==> flow/design.v <==
module cpu_mul_core_blk #(
    parameter integer DWIDTH = 16,
    parameter integer KVAL = 683,
    parameter integer RW = DWIDTH + $clog2(KVAL + 1)
) (
    input  core_clk,
    input  rst_n,
    input  [DWIDTH-1:0] in_A,
    output [RW-1:0] out_prod
);
    reg [DWIDTH-1:0] r_A;
    reg [RW-1:0] r_prod;
    always @(posedge core_clk or negedge rst_n) begin
        if (!rst_n) begin
            r_A <= 0;
            r_prod <= 0;
        end else begin
            r_A <= in_A;
            r_prod <= r_A * KVAL;
        end
    end
    assign out_prod = r_prod;
endmodule
Wiki page: cpu_mul_core_blk / tool data

Tool chain data of cpu_mul_core_blk
Module cpu_mul_core_blk in several versions that differ in "DWIDTH"; each step lists the members.
The RTL above is that of DWIDTH = 16; lines are counted from 1 in the file of the member named.
Cell names lack the library's common part.
A cell with - has no value.

inputs
  top module = cpu_mul_core_blk
  clock input = core_clk
  standard-cell library = sky130hd
  corner = tt_025C_1v80

Source of the members
New or changed lines of each further member against the RTL above, in its own file; lines it lacks are not shown.

lines new or changed
  DWIDTH  RTL line  text
  18      2         parameter integer DWIDTH = 18,
  32      2         parameter integer DWIDTH = 32,
  36      2         parameter integer DWIDTH = 36,
  56      2         parameter integer DWIDTH = 56,

Elaborated design
Yosys after proc, flatten, opt, wreduce and memory -nomap, before mapping. Enables and synchronous resets that opt folds into registers are not counted as muxes. Memory bits, and registers merged into a memory's read port (data or address), are not among the register bits. Print and check cells are not counted. Equal cells are merged and count once.

bit counts
  DWIDTH  flip-flop bits (word level)  bits in latches  RAM bits  ROM bits  clocked read ports x word width  memories kept  input bits  output and inout bits  word-level cells
  16      42                           0                0         0         0                                0              18          26                     3
  18      46                           0                0         0         0                                0              20          28                     3
  32      74                           0                0         0         0                                0              34          42                     3
  36      82                           0                0         0         0                                0              38          46                     3
  56      122                          0                0         0         0                                0              58          66                     3

operators by class
  DWIDTH  $add $sub $neg  multiply operators  divide/modulo/power cells  $lt $le $gt $ge  eq/ne operators  shifts and indexed selects  mux-type cells  bitwise operators  reductions and logical operators
  16      0               1                   0                          0                0                0                           0               0                  0
  18      0               1                   0                          0                0                0                           0               0                  0
  32      0               1                   0                          0                0                0                           0               0                  0
  36      0               1                   0                          0                0                0                           0               0                  0
  56      0               1                   0                          0                0                0                           0               0                  0

operator list
  DWIDTH  kind and count
  16      multiplier 16 x 10 -> 26 bit with constant B: 1
  18      multiplier 18 x 10 -> 28 bit with constant B: 1
  32      multiplier 32 x 10 -> 42 bit with constant B: 1
  36      multiplier 36 x 10 -> 46 bit with constant B: 1
  56      multiplier 56 x 10 -> 66 bit with constant B: 1

Logic depth
Yosys ltp: most cells in a row. Word level: on the elaborated netlist, between registers, memories and ports. Mapped: between sequential cells and ports; inverters and the memories' decode and read muxes count.

depth
  DWIDTH  word-level depth  ABC_AREA  depth in mapped cells  gate-level depth less buffers
  16      1                 0         17                     17
  18      1                 0         18                     17
  32      1                 0         18                     17
  36      1                 0         19                     19
  56      1                 0         20                     19

Mapped cells and area
Yosys stat after the flow's synthesis: flattened, memories mapped to cells. It holds for the ABC_AREA given above (unset counts as 0); a run with the other value may have another netlist.

synthesis totals
  DWIDTH  cell count  chip area (Yosys) (µm²)  flip-flop cells  buffers
  16      424         4395.5                   42               1
  18      466         4799.6                   46               7
  32      811         8326.7                   74               14
  36      883         9069.9                   82               10
  56      1391        14098.5                  122              26

cells by type
  DWIDTH  type and count
  16      dfrtp_1: 42; ha_1: 82; fa_1: 45; inv_1: 107; xnor2_1: 13; a21oi_1: 20; xor2_1: 8; a21o_1: 8; o21ai_0: 11; o21bai_1: 6; nand2_1: 11; a211oi_1: 5; nor2_1: 10; o21a_1: 4; nor3_1: 4; and2_1: 3; nand4_1: 3; a41oi_2: 1; (+41)
  18      dfrtp_1: 46; ha_1: 88; fa_1: 53; inv_1: 111; xnor2_1: 15; a21o_1: 15; a21oi_1: 21; xor2_1: 11; o21ai_0: 16; nand2_1: 17; nor2_1: 13; o211ai_1: 5; nand3_1: 6; o41ai_4: 1; clkbuf_1: 7; nor3_1: 4; a31oi_1: 3; and2_1: 3; (+31)
  32      fa_1: 109; dfrtp_1: 74; ha_1: 130; inv_1: 194; a21oi_1: 40; xor2_1: 19; a21o_1: 19; nand2_1: 38; xnor2_1: 15; o21ai_0: 17; nor2_1: 22; nor3_1: 13; nand3_1: 11; clkbuf_1: 11; a211oi_2: 3; and3_1: 6; o21bai_1: 5; nand4_1: 5; (+80)
  36      fa_1: 127; dfrtp_1: 82; ha_1: 140; inv_1: 252; xnor2_1: 27; a21o_1: 30; a21oi_1: 44; xor2_1: 14; nand2_1: 24; o21ai_0: 17; nand3_1: 14; nor2_1: 17; o21bai_1: 8; o21a_1: 7; nand4_1: 8; a31oi_1: 7; and3_1: 7; clkbuf_1: 10; (+48)
  56      fa_1: 205; dfrtp_1: 122; ha_1: 202; inv_1: 390; a21oi_1: 73; a21o_1: 47; xnor2_1: 37; xor2_1: 27; nand2_1: 48; nor2_1: 32; nand4_1: 19; o21ai_0: 19; o21ai_1: 18; nand3_1: 15; o21a_1: 9; o21bai_1: 9; clkbuf_1: 16; a31oi_1: 9; (+94)

A list marked (+n) leaves out that many cells.

Timing after synthesis
OpenSTA on the mapped netlist: ideal clock, no wires. The path of least setup slack (recovery checks aside). Input and output delay are each 20% of the period. Register names are those of the netlist, which keeps one name where synthesis merged equal registers.

timing after synthesis
  DWIDTH  path kind             from             to                   clock period (ns)  setup slack (ns)  driving pins on the path  path delay (ns)  period reached after synthesis (ns)
  16      register -> register  register r_A[4]  register r_prod[23]  5.66               1.133             17                        4.527            4.527
  18      register -> register  register r_A[5]  register r_prod[25]  5.68               1.137             18                        4.543            4.543
  32      register -> register  register r_A[1]  register r_prod[38]  5.92               1.188             16                        4.732            4.732
  36      register -> register  register r_A[1]  register r_prod[41]  6.02               1.200             18                        4.820            4.82
  56      register -> register  register r_A[1]  register r_prod[65]  6.32               1.262             19                        5.058            5.058

"path delay" = arrival - input delay + setup time.
"driving pins on the path" counts driving pins, that of a launching flip-flop among them; a cell with two outputs on the path counts twice.
"period reached after synthesis" = period - worst setup slack (recovery checks aside). The figure is calculated, with input and output delays left at 20% of the set period.
Between the ends stands the longest chain of elaborated cells between them, by number of cells; it is not shown to be the way that was timed. Of several equally long chains one is given.
Each line given opens the expression or statement behind the cell; cells for indexed reads and writes are added by Yosys, which also makes memories of some case tables.

between the ends, after synthesis, DWIDTH = 16
  length of the longest elaborated chain = 1

ends and longest elaborated chain, after synthesis, DWIDTH = 16
  element                       RTL line  text
  start: declaration            11        reg [DWIDTH-1:0] r_A;
  start: assignment             15        r_A <= 0;
  start: assignment             18        r_A <= in_A;
  multiplier 16 x 10 -> 26 bit  19        r_prod <= r_A * KVAL;
  end: assignment               16        r_prod <= 0;
  end: assignment               19
  end: declaration              12        reg [RW-1:0] r_prod;

between the ends, after synthesis, DWIDTH = 56
  length of the longest elaborated chain = 1

ends and longest elaborated chain, after synthesis, DWIDTH = 56
  element                       RTL line  text
  start: declaration            11        reg [DWIDTH-1:0] r_A;
  start: assignment             15        r_A <= 0;
  start: assignment             18        r_A <= in_A;
  multiplier 56 x 10 -> 66 bit  19        r_prod <= r_A * KVAL;
  end: assignment               16        r_prod <= 0;
  end: assignment               19
  end: declaration              12        reg [RW-1:0] r_prod;

Timing after layout
From the final timing report of the run of each member: the path of least setup slack in the routed layout; clock arrival at registers is part of the times.

timing post-layout
  DWIDTH  path kind             from             to                   clock period (ns)  setup slack (ns)  driving pins on the path  arrival time (ns)  path buffers
  16      register -> register  register r_A[4]  register r_prod[23]  5.66               0.84              17                        5.04               0
  18      register -> register  register r_A[5]  register r_prod[25]  5.68               0.82              18                        5.05               0
  32      register -> register  register r_A[7]  register r_prod[29]  5.92               0.71              16                        5.45               0
  36      register -> register  register r_A[5]  register r_prod[41]  6.02               0.57              18                        5.73               0
  56      register -> register  register r_A[1]  register r_prod[55]  6.32               0.57              18                        6.07               0

Layout results
One run of the flow (Yosys, OpenROAD) for each member, with settings and measured results. Input and output delays are each 20% of the period that was set; the output load is 0.01 pF.

flow settings
  CAP_MARGIN = 20
  CORE_MARGIN = 2
  CORE_UTILIZATION = 40
  SLEW_MARGIN = 20

settings by member
  DWIDTH  period_ns
  16      5.66
  18      5.68
  32      5.92
  36      6.02
  56      6.32

results
  DWIDTH  chip area in the Yosys report (µm²)  die outline area (µm²)  standard-cell area after routing (µm²)  final design utilization  lowest setup slack (ns)  summed negative setup slack (ns)  worst hold slack (ns)  period reached (ns)
  16      4395.5                               11842.9                 5081.1                                  0.471                     0.839                    0.000                             0.488                  4.821
  18      4799.6                               12891.3                 5594.1                                  0.472                     0.815                    0.000                             0.463                  4.865
  32      8326.7                               21987.0                 9653.0                                  0.474                     0.709                    0.000                             0.454                  5.211
  36      9069.9                               23895.0                 10553.9                                 0.47                      0.571                    0.000                             0.439                  5.449
  56      14098.5                              36764.2                 16338.2                                 0.472                     0.572                    0.000                             0.487                  5.748

"period reached" means the clock period less the worst setup slack. The figure is calculated, with input and output delays left at 20% of the set period.
